==> flow/design.v <==
module core_reg_file (core_clk, write, wr_idx, write_data, rd_idx_a, rd_idx_b, rd_data_a, rd_data_b);
    parameter D = 40;
    parameter BITS = 8;
    localparam ABITS = $clog2(D);
    input core_clk;
    input write;
    input [ABITS-1:0] wr_idx;
    input [BITS-1:0] write_data;
    input [ABITS-1:0] rd_idx_a;
    input [ABITS-1:0] rd_idx_b;
    output reg [BITS-1:0] rd_data_a;
    output reg [BITS-1:0] rd_data_b;
    reg [BITS-1:0] regs [0:D-1];
    always @(posedge core_clk) begin
        if (write)
            regs[wr_idx] <= write_data;
    end
    always @(posedge core_clk) begin
        rd_data_a <= (write && wr_idx == rd_idx_a) ? write_data : regs[rd_idx_a];
        rd_data_b <= (write && wr_idx == rd_idx_b) ? write_data : regs[rd_idx_b];
    end
endmodule
# --- From RTL to reports: core_reg_file ---
# Tool output for the design above, in the order of the flow.
# Lines are those of the file above, counted from 1.
# Cell names lack the library's common part.
design:
  design: "core_reg_file"
  clock: "core_clk"
  library: "sky130hd"
  corner: "tt_025C_1v80"

# --- Word level ---
# Yosys after proc, flatten, opt, wreduce and memory -nomap, before mapping. Enables and synchronous resets that opt folds into registers are not counted as muxes. Memory bits, and registers merged into a memory's read port (data or address), are not among the register bits. Print and check cells are not counted. Equal cells are merged and count once.
# Yosys's memory passes give these memory sizes; they may raise the number of words (mostly to a power of two), join words into wider ones and drop unused or constant bits.
bits:
  register_bits: 0
  ram_bits: 320
  clocked_rd_ports_x_width: 16
  memories: 1
  in_bits: 28
  output_inout_bits: 16
  wordCells: 4
classes:
  muxes: 3
memory_table:
  columns: ["name", "size", "word_bits", "rd", "wr", "line", "source"]
  rows:
  - ["regs", 40, 8, 2, 1, 13, "reg [BITS-1:0] regs [0:D-1];"]
op_table:
  columns: ["op", "n"]
  rows:
  - ["8-bit two-way mux", 1]
  - ["6-bit two-way mux", 1]
  - ["1-bit two-way mux", 1]

# --- Depth ---
# Yosys ltp: most cells in a row. Word level: on the elaborated netlist, between registers, memories and ports. Mapped: between sequential cells and ports; inverters and the memories' decode and read muxes count.
depth:
  word_depth: 1
  abc_area: 1
  depth_mapped: 12
  ltp_nobuf: 9

# --- Netlist ---
# The flow's flattened synthesis, as Yosys stat reports it; memories are mapped. The netlist is that of the ABC_AREA named above (0 if unset); the other value can give another one.
# The area totals of this step are shown rounded.
synth_totals:
  cell_count: 1823
  synth_area_um2: 16500
  seqArea_um2: 9850
  ff_cells: 332
  buf_cells: 135
types:
  columns: ["cell_type", "n", "type_area_um2"]
  rows:
  - ["edfxtp_1", 320, 9.61E+03]
  - ["nand2_1", 666, 2.5E+03]
  - ["nand3_1", 443, 2.22E+03]
  - ["o21ai_0", 69, 345.331]
  - ["buf_2", 59, 295.283]
  - ["dfxtp_1", 12, 240.23]
  - ["o211ai_1", 32, 240.23]
  - ["buf_4", 31, 232.723]
  - ["nor2_1", 58, 217.709]
  - ["a21oi_1", 32, 160.154]
  - ["clkbuf_1", 35, 131.376]
  - ["inv_1", 32, 120.115]
  - ["nand4_1", 8, 50.048]
  - ["nor4_1", 8, 50.048]
  - ["buf_6", 3, 33.782]
  - ["buf_1", 6, 22.522]
  - ["inv_2", 4, 15.014]
  - ["o21ai_1", 3, 15.014]
# Not listed: further types 2, cells in them 2.

# --- Path before layout ---
# Source: OpenSTA report_checks on the synthesized netlist (no wires, ideal clock, input and output delay 20% of the period each), path of least setup slack; recovery checks are left aside. Register names are those of the netlist, which keeps one name where synthesis merged equal registers.
synth_path:
  kind: "in2reg"
  start: "input port wr_idx[2]"
  end: "memory regs[4][0]"
  tclk_ps: 2590
  in_delay_ps: 518
  setup_time_ps: 395
  t_first_pin_ps: 518
  t_arrival_ps: 1854
  t_required_ps: 2195
  setup_slack_ps: 341
  delay_ps: 1731
  driving_pins: 3
  n_path_buf: 1
  synth_period_reached_ps: 2249
# "delay_ps" is the arrival time less input delay plus setup time.
# "driving_pins": output pins that drive a net of the path, with the launching flip-flop's if there is one; two outputs of one cell count as two.
# "synth_period_reached_ps" = period - worst setup slack (recovery checks aside). The figure is calculated, with input and output delays left at 20% of the set period.
# The rows between start and end are the longest chain of elaborated cells between them; the timing report does not say that the signal goes this way. Where chains are equally long, one stands for them.
# Each line given opens the expression or statement behind the cell; cells for indexed reads and writes are added by Yosys, which also makes memories of some case tables.
synth_between:
  path_cell_list: "clkbuf_1 -> inv_1 -> nor4_1"
  elab_chain_cells: 1
  cells_between: 1
  lines_between: 1
  cone_classes: "1 x mux"
synth_lines:
  columns: ["item", "line", "source"]
  rows:
  - ["start: declaration", 7, "input [ABITS-1:0] wr_idx;"]
  - ["6-bit two-way mux", 15, "if (write)"]
  - ["end: declaration", 13, "reg [BITS-1:0] regs [0:D-1];"]

# --- Worst path after layout ---
# From the final timing report of run 1: the path of least setup slack in the routed layout; clock arrival at registers is part of the times.
# The path's times are printed in steps of 10 ps; the period is the one set.
layout_path:
  kind: "reg2out"
  start: "register (name not given)"
  end: "output port rd_data_b[6]"
  tclk_ps: 3280
  output_delay_ps: 660
  t_first_pin_ps: 590
  t_arrival_ps: 2810
  t_required_ps: 2620
  setup_slack_ps: -190
  driving_pins: 12
  n_path_buf: 3
layout_between:
  path_cell_list: "dfxtp_4 -> buf_4 -> buf_16 -> nand2_1 -> nand3_1 -> nand3_2 -> nand2_1 -> nand2_1 -> nand3_1 -> nand3_1 -> nand2_1 -> clkdlybuf4s50_1"
layout_lines:
  columns: ["item", "line", "source"]
  rows:
  - ["end: declaration", 12, "output reg [BITS-1:0] rd_data_b;"]
# Chain of elaborated cells between the ends: none given.

Memo
Re: implementation data of core_reg_file

Measured results for core_reg_file: 2 stored runs of the Yosys and OpenROAD flow on sky130hd. The settings differ; the order carries no meaning. The constraints put input and output delay at 20% of the set period each and load the outputs with 0.01 pF.
"achievedPeriod_ps": clock period set for the run, less the worst setup slack. It is reckoned from that one timing run; input and output delays stay at 20% of the period that was set.
"worst_path_ps" is the time allowed to the run's worst setup path (the clock period less input and output delay, where it has them) less its slack. Clock arrival times count: a late capture clock shortens it, a late launch clock lengthens it.
"total_power_uw": no workload was simulated; the value follows from the tool's default switching activity.
"worst_path_ps" is known to 10 ps.
Values from the reports are rounded here.

--- run 1 ---
==> flow/run.sh <==
#!/bin/bash
# the make line also repeats the synthesis and layout settings of config.mk as NAME=value (left out here)
make -C /OpenROAD-flow-scripts/flow DESIGN_CONFIG=/design/flow/config.mk WORK_HOME=/design/flow/orfs CLKGATE_MAP_FILE= finish
==> flow/config.mk <==
export PLATFORM = sky130hd
export DESIGN_NAME = core_reg_file
export DESIGN_NICKNAME = core_reg_file
export VERILOG_FILES = /design/flow/design.v
export SDC_FILE = /design/flow/constraint.sdc
export NUM_CORES = 4
export LEC_CHECK = 0
export ABC_AREA = 1
export CAP_MARGIN = 5
export CORE_ASPECT_RATIO = 0.64
export CORE_MARGIN = 2
export CORE_UTILIZATION = 24
export GPL_ROUTABILITY_DRIVEN = 0
export PLACE_DENSITY = 0.58
export SLEW_MARGIN = 20
export TNS_END_PERCENT = 85
==> flow/constraint.sdc <==
create_clock -name core_clock -period 3.28 [get_ports {core_clk}]
set_input_delay 0.6560 -clock core_clock [delete_from_list [all_inputs] [get_ports {core_clk}]]
set_output_delay 0.6560 -clock core_clock [all_outputs]
set_load 0.01 [all_outputs]

==> results, as YAML <==
results:
  synthArea_um2: 16500
  timing.setup.tns_ps: -529
  worst_path_ps: 2810
  critical_path_kind: "reg2out"
  dieArea_um2: 70900
  final_cell_area_um2: 19900
  worst_setup_slack_ps: -185
  total_power_uw: 9670
  achievedPeriod_ps: 3465
  holdWs_ps: 496
  layout_utilization_pct: 29.3

--- run 2 ---
==> flow/run.sh <==
#!/bin/bash
# the make line also repeats the synthesis and layout settings of config.mk as NAME=value (left out here)
make -C /OpenROAD-flow-scripts/flow DESIGN_CONFIG=/design/flow/config.mk WORK_HOME=/design/flow/orfs CLKGATE_MAP_FILE= finish
==> flow/config.mk <==
export PLATFORM = sky130hd
export DESIGN_NAME = core_reg_file
export DESIGN_NICKNAME = core_reg_file
export VERILOG_FILES = /design/flow/design.v
export SDC_FILE = /design/flow/constraint.sdc
export NUM_CORES = 4
export LEC_CHECK = 0
export CAP_MARGIN = 20
export CORE_MARGIN = 2
export CORE_UTILIZATION = 40
export SLEW_MARGIN = 20
==> flow/constraint.sdc <==
create_clock -name core_clock -period 2.59 [get_ports {core_clk}]
set_input_delay 0.5180 -clock core_clock [delete_from_list [all_inputs] [get_ports {core_clk}]]
set_output_delay 0.5180 -clock core_clock [all_outputs]
set_load 0.01 [all_outputs]

==> results, as YAML <==
results:
  synthArea_um2: 16000
  timing.setup.tns_ps: -9080
  worst_path_ps: 2710
  critical_path_kind: "reg2out"
  dieArea_um2: 41700
  final_cell_area_um2: 20800
  worst_setup_slack_ps: -636
  total_power_uw: 12900
  achievedPeriod_ps: 3226
  holdWs_ps: 411
  layout_utilization_pct: 52.5
